==> flow/design.v <==
module times_top (clk_i, aresetn, lhs, rhs, prod);
  parameter integer W = 10;
  parameter integer COUNT = 6;
  localparam integer RW = 2*W + $clog2(COUNT);
  input clk_i;
  input aresetn;
  input [COUNT*W-1:0] lhs;
  input [COUNT*W-1:0] rhs;
  output [RW-1:0] prod;
  reg [RW-1:0] t;
  integer k;
  always @* begin
    t = 0;
    for (k = 0; k < COUNT; k = k + 1)
      t = t + lhs[k*W +: W] * rhs[k*W +: W];
  end
  reg [RW-1:0] prod_r;
  always @(posedge clk_i or negedge aresetn) begin
    if (~aresetn) begin
      prod_r <= 0;
    end else begin
      prod_r <= t;
    end
  end
  assign prod = prod_r;
endmodule
# ---- Step by step through the tools: times_top
# Tool output for the design above, in the order of the flow.
# Lines are those of the file above, counted from 1.
# Operators carry their Yosys type and port widths (W data, S select, Z words).
# Not given: --
dict set report setup {
  top_module {times_top}
  clock_port {clk_i}
  cell_library {sky130hd}
  corner {tt_025C_1v80}
}

# ---- Word level
# Source: Yosys, flattened and elaborated, memories not mapped. Widths are those after wreduce; folded enables and synchronous resets count as part of the registers. Registers that Yosys merges into a memory's read port (data or address) are not register bits. Print and check cells do not count. Equal cells are merged and count once.
dict set report classes {
  n_addsub 5
  n_mul 6
}
# op n
set ops {}
lappend ops {{$mul A10 B10 Y20} 6}
lappend ops {{$add A23 B20 Y23} 2}
lappend ops {{$add A22 B20 Y23} 1}
lappend ops {{$add A21 B20 Y22} 1}
lappend ops {{$add A20 B20 Y21} 1}
dict set report word_totals {
  register_bits 23
  in_bits 122
  wordCells 12
}

# ---- Longest topological paths
# Longest topological path by Yosys (ltp), each cell counted once; first at word level (registers and memories cut), then after technology mapping (sequential cells cut; the memories' decode and read muxes count).
dict set report depth {
  depth_word 6
  abc_area 0
  depth_mapped 26
  ltp_nobuf 24
}

# ---- After synthesis
# The flow's flattened synthesis, as Yosys stat reports it; memories are mapped. The netlist is that of the ABC_AREA named above (0 if unset); the other value can give another one.
# The area totals of this step are shown rounded.
# cell n area_total_um2
set by_type {}
lappend by_type {sky130_fd_sc_hd__fa_1 558 1.12E+04}
lappend by_type {sky130_fd_sc_hd__ha_1 242 3.03E+03}
lappend by_type {sky130_fd_sc_hd__inv_1 666 2.5E+03}
lappend by_type {sky130_fd_sc_hd__and2_1 362 2.26E+03}
lappend by_type {sky130_fd_sc_hd__nand2_1 250 938.4}
lappend by_type {sky130_fd_sc_hd__dfrtp_1 23 575.552}
lappend by_type {sky130_fd_sc_hd__clkbuf_1 64 240.23}
lappend by_type {sky130_fd_sc_hd__a21oi_1 19 95.091}
lappend by_type {sky130_fd_sc_hd__xor2_1 9 78.826}
lappend by_type {sky130_fd_sc_hd__xnor2_1 7 61.309}
lappend by_type {sky130_fd_sc_hd__nand4_1 5 31.28}
lappend by_type {sky130_fd_sc_hd__mux2i_1 3 30.029}
lappend by_type {sky130_fd_sc_hd__a21oi_2 3 26.275}
lappend by_type {sky130_fd_sc_hd__a221oi_4 1 26.275}
lappend by_type {sky130_fd_sc_hd__nand3_1 5 25.024}
lappend by_type {sky130_fd_sc_hd__a21o_1 3 22.522}
lappend by_type {sky130_fd_sc_hd__and3_4 2 22.522}
lappend by_type {sky130_fd_sc_hd__nor2_1 6 22.522}
# Not listed: further types 32, cells in them 45.
dict set report synth_totals {
  cells 2273
  mapped_area_um2 21530
  seqArea_um2 575.6
  ff_cells 23
}

# ---- Timing after synthesis
# Path of least setup slack by OpenSTA after synthesis, without wires, with an ideal clock, recovery checks aside; 20% of the period is set as input and as output delay. Where synthesis merged equal registers, the netlist keeps one of their names.
dict set report synth_path {
  kind {input to register}
  startpoint {input port lhs[3]}
  endpoint {register prod_r[19]}
  period_ps 10100
  in_delay_ps 2020
  setup_ps 135
  launch_ps 2020
  arrival_ps 8335
  t_required_ps 9965
  slack_ps 1630
  delay_ps 6450
  path_stages 22
  path_buffers 1
  period_less_setup_slack_ps 8470
}
# "delay_ps" = arrival - input delay + setup time.
# "path_stages": output pins that drive a net of the path, with the launching flip-flop's if there is one; two outputs of one cell count as two.
# "period_less_setup_slack_ps" = period - worst setup slack (recovery checks aside). The figure is calculated, with input and output delays left at 20% of the set period.
# Between the ends stands the longest chain of elaborated cells between them, by number of cells; it is not shown to be the way that was timed. Of several equally long chains one is given.
# A line is the first line of the expression or statement that the cell stems from. Yosys adds cells for indexed reads and writes and turns some case tables into memories.
dict set report synth_via {
  path_cell_list {sky130_fd_sc_hd__clkbuf_1 sky130_fd_sc_hd__nand2_1 sky130_fd_sc_hd__fa_1 sky130_fd_sc_hd__inv_1 sky130_fd_sc_hd__fa_1 sky130_fd_sc_hd__fa_1 sky130_fd_sc_hd__fa_1 sky130_fd_sc_hd__inv_1 sky130_fd_sc_hd__fa_1 sky130_fd_sc_hd__fa_1 sky130_fd_sc_hd__inv_1 sky130_fd_sc_hd__fa_1 sky130_fd_sc_hd__fa_1 sky130_fd_sc_hd__inv_1 sky130_fd_sc_hd__fa_1 sky130_fd_sc_hd__inv_1 sky130_fd_sc_hd__ha_1 sky130_fd_sc_hd__and3_4 sky130_fd_sc_hd__and3_4 sky130_fd_sc_hd__a221oi_4 sky130_fd_sc_hd__o31ai_1 sky130_fd_sc_hd__xor2_1}
  elab_chain_len 6
  cells_between 6
  classes_between {add/sub: 5; mul: 1}
}
# element line
set synth_lines {}
lappend synth_lines {{start, declared} 7} ;# input [COUNT*W-1:0] lhs;
lappend synth_lines {{$mul A10 B10 Y20} 15} ;# t = t + lhs[k*W +: W] * rhs[k*W +: W];
lappend synth_lines {{$add A20 B20 Y21} 15}
lappend synth_lines {{$add A21 B20 Y22} 15}
lappend synth_lines {{$add A22 B20 Y23} 15}
lappend synth_lines {{$add A23 B20 Y23 (2 in a row)} 15}
lappend synth_lines {{end, assigned} 20} ;# prod_r <= 0;
lappend synth_lines {{end, assigned} 22} ;# prod_r <= t;
lappend synth_lines {{end, declared} 17} ;# reg [RW-1:0] prod_r;

# ---- Path in the finished layout
# Path of least setup slack in the final report of run 1 (OpenROAD, finished layout, wires in). Where an end is a register, its clock arrival counts in the times.
# The report prints the path's times to 10 ps; the period is as set.
dict set report layout_path {
  kind {input to register}
  startpoint {input port rhs[45]}
  endpoint {register prod_r[18]}
  period_ps 9850
  in_delay_ps 1970
  setup_ps 100
  launch_ps 1970
  arrival_ps 9490
  t_required_ps 10030
  slack_ps 530
  path_stages 23
  path_buffers 1
}
# Between the ends stands the longest chain of elaborated cells between them, by number of cells; it is not shown to be the way that was timed. Of several equally long chains one is given.
dict set report layout_via {
  path_cell_list {sky130_fd_sc_hd__clkdlybuf4s50_1 sky130_fd_sc_hd__and2_1 sky130_fd_sc_hd__fa_1 sky130_fd_sc_hd__ha_1 sky130_fd_sc_hd__fa_1 sky130_fd_sc_hd__inv_1 sky130_fd_sc_hd__fa_1 sky130_fd_sc_hd__inv_1 sky130_fd_sc_hd__fa_1 sky130_fd_sc_hd__inv_1 sky130_fd_sc_hd__fa_1 sky130_fd_sc_hd__inv_1 sky130_fd_sc_hd__fa_1 sky130_fd_sc_hd__inv_1 sky130_fd_sc_hd__fa_1 sky130_fd_sc_hd__inv_1 sky130_fd_sc_hd__fa_1 sky130_fd_sc_hd__ha_1 sky130_fd_sc_hd__a21oi_2 sky130_fd_sc_hd__o211ai_1 sky130_fd_sc_hd__a21oi_2 sky130_fd_sc_hd__o21ai_2 sky130_fd_sc_hd__a311oi_1}
  elab_chain_len 3
  cells_between 3
  classes_between {add/sub: 2; mul: 1}
}
# element line
set layout_lines {}
lappend layout_lines {{start, declared} 8} ;# input [COUNT*W-1:0] rhs;
lappend layout_lines {{$mul A10 B10 Y20} 15} ;# t = t + lhs[k*W +: W] * rhs[k*W +: W];
lappend layout_lines {{$add A23 B20 Y23 (2 in a row)} 15}
lappend layout_lines {{end, assigned} 20} ;# prod_r <= 0;
lappend layout_lines {{end, assigned} 22} ;# prod_r <= t;
lappend layout_lines {{end, declared} 17} ;# reg [RW-1:0] prod_r;

Lab notebook: times_top

Stored flow runs of times_top (3 of them; Yosys, OpenROAD, sky130hd). They differ in their settings and are not a sequence. Constraints: input delay and output delay 20% of the set period each, output load 0.01 pF.
By "worst_path_time_ps" is meant the share of the clock period that the worst setup path is allowed (20% is reserved at inputs, 20% at outputs), minus its slack. Clock arrival times at its registers enter into it.
"worst_path_time_ps" is given in steps of 10 ps.
Results are given in rounded form.

# run 1
==> flow/run.sh <==
#!/bin/bash
# the make line also repeats the synthesis and layout settings of config.mk as NAME=value (left out here)
make -C /OpenROAD-flow-scripts/flow DESIGN_CONFIG=/design/flow/config.mk WORK_HOME=/design/flow/orfs CLKGATE_MAP_FILE= finish
==> flow/config.mk <==
export PLATFORM = sky130hd
export DESIGN_NAME = times_top
export DESIGN_NICKNAME = times_top
export VERILOG_FILES = /design/flow/design.v
export SDC_FILE = /design/flow/constraint.sdc
export NUM_CORES = 4
export LEC_CHECK = 0
export CAP_MARGIN = 25
export CELL_PAD_IN_SITES_DETAIL_PLACEMENT = 1
export CORE_ASPECT_RATIO = 0.69
export CORE_MARGIN = 7
export CORE_UTILIZATION = 38
export CTS_CLUSTER_DIAMETER = 399
export CTS_CLUSTER_SIZE = 15
export GPL_ROUTABILITY_DRIVEN = 0
export MIN_ROUTING_LAYER = met1
export PLACE_DENSITY_LB_ADDON = 0.11
export SLEW_MARGIN = 20
export TNS_END_PERCENT = 70
==> flow/constraint.sdc <==
create_clock -name core_clock -period 9.85 [get_ports {clk_i}]
set_input_delay 1.9700 -clock core_clock [delete_from_list [all_inputs] [get_ports {clk_i}]]
set_output_delay 1.9700 -clock core_clock [all_outputs]
set_load 0.01 [all_outputs]

==> run 1: results <==
synthesis_area_um2=21530
total_die_area_um2=63630
post_route_stdcell_area_um2=24060
util_frac=0.429
final_setup_ws_ps=535
total_negative_slack_ps=0
worst_path_time_ps=7350
worst_setup_path_type="input to register"

# run 2
==> flow/run.sh <==
#!/bin/bash
# the make line also repeats the synthesis and layout settings of config.mk as NAME=value (left out here)
make -C /OpenROAD-flow-scripts/flow DESIGN_CONFIG=/design/flow/config.mk WORK_HOME=/design/flow/orfs CLKGATE_MAP_FILE= finish
==> flow/config.mk <==
export PLATFORM = sky130hd
export DESIGN_NAME = times_top
export DESIGN_NICKNAME = times_top
export VERILOG_FILES = /design/flow/design.v
export SDC_FILE = /design/flow/constraint.sdc
export NUM_CORES = 4
export LEC_CHECK = 0
export CAP_MARGIN = 20
export CORE_MARGIN = 2
export CORE_UTILIZATION = 40
export SLEW_MARGIN = 20
==> flow/constraint.sdc <==
create_clock -name core_clock -period 10.1 [get_ports {clk_i}]
set_input_delay 2.0200 -clock core_clock [delete_from_list [all_inputs] [get_ports {clk_i}]]
set_output_delay 2.0200 -clock core_clock [all_outputs]
set_load 0.01 [all_outputs]

==> run 2: results <==
synthesis_area_um2=21530
total_die_area_um2=55690
post_route_stdcell_area_um2=23710
util_frac=0.443
final_setup_ws_ps=760
total_negative_slack_ps=0
worst_path_time_ps=7320
worst_setup_path_type="input to register"

# run 3
==> flow/run.sh <==
#!/bin/bash
# the make line also repeats the synthesis and layout settings of config.mk as NAME=value (left out here)
make -C /OpenROAD-flow-scripts/flow DESIGN_CONFIG=/design/flow/config.mk WORK_HOME=/design/flow/orfs CLKGATE_MAP_FILE= finish
==> flow/config.mk <==
export PLATFORM = sky130hd
export DESIGN_NAME = times_top
export DESIGN_NICKNAME = times_top
export VERILOG_FILES = /design/flow/design.v
export SDC_FILE = /design/flow/constraint.sdc
export NUM_CORES = 4
export LEC_CHECK = 0
export CAP_MARGIN = 20
export CELL_PAD_IN_SITES_GLOBAL_PLACEMENT = 2
export CORE_MARGIN = 4
export CORE_UTILIZATION = 26
export CTS_CLUSTER_SIZE = 58
export MIN_ROUTING_LAYER = met1
export PLACE_DENSITY_LB_ADDON = 0.23
export SETUP_SLACK_MARGIN = 0.24
export SLEW_MARGIN = 30
==> flow/constraint.sdc <==
create_clock -name core_clock -period 5.92 [get_ports {clk_i}]
set_input_delay 1.1840 -clock core_clock [delete_from_list [all_inputs] [get_ports {clk_i}]]
set_output_delay 1.1840 -clock core_clock [all_outputs]
set_load 0.01 [all_outputs]

==> run 3: results <==
synthesis_area_um2=21530
total_die_area_um2=87470
post_route_stdcell_area_um2=28440
util_frac=0.346
final_setup_ws_ps=-1752
total_negative_slack_ps=-27700
worst_path_time_ps=6490
worst_setup_path_type="input to register"
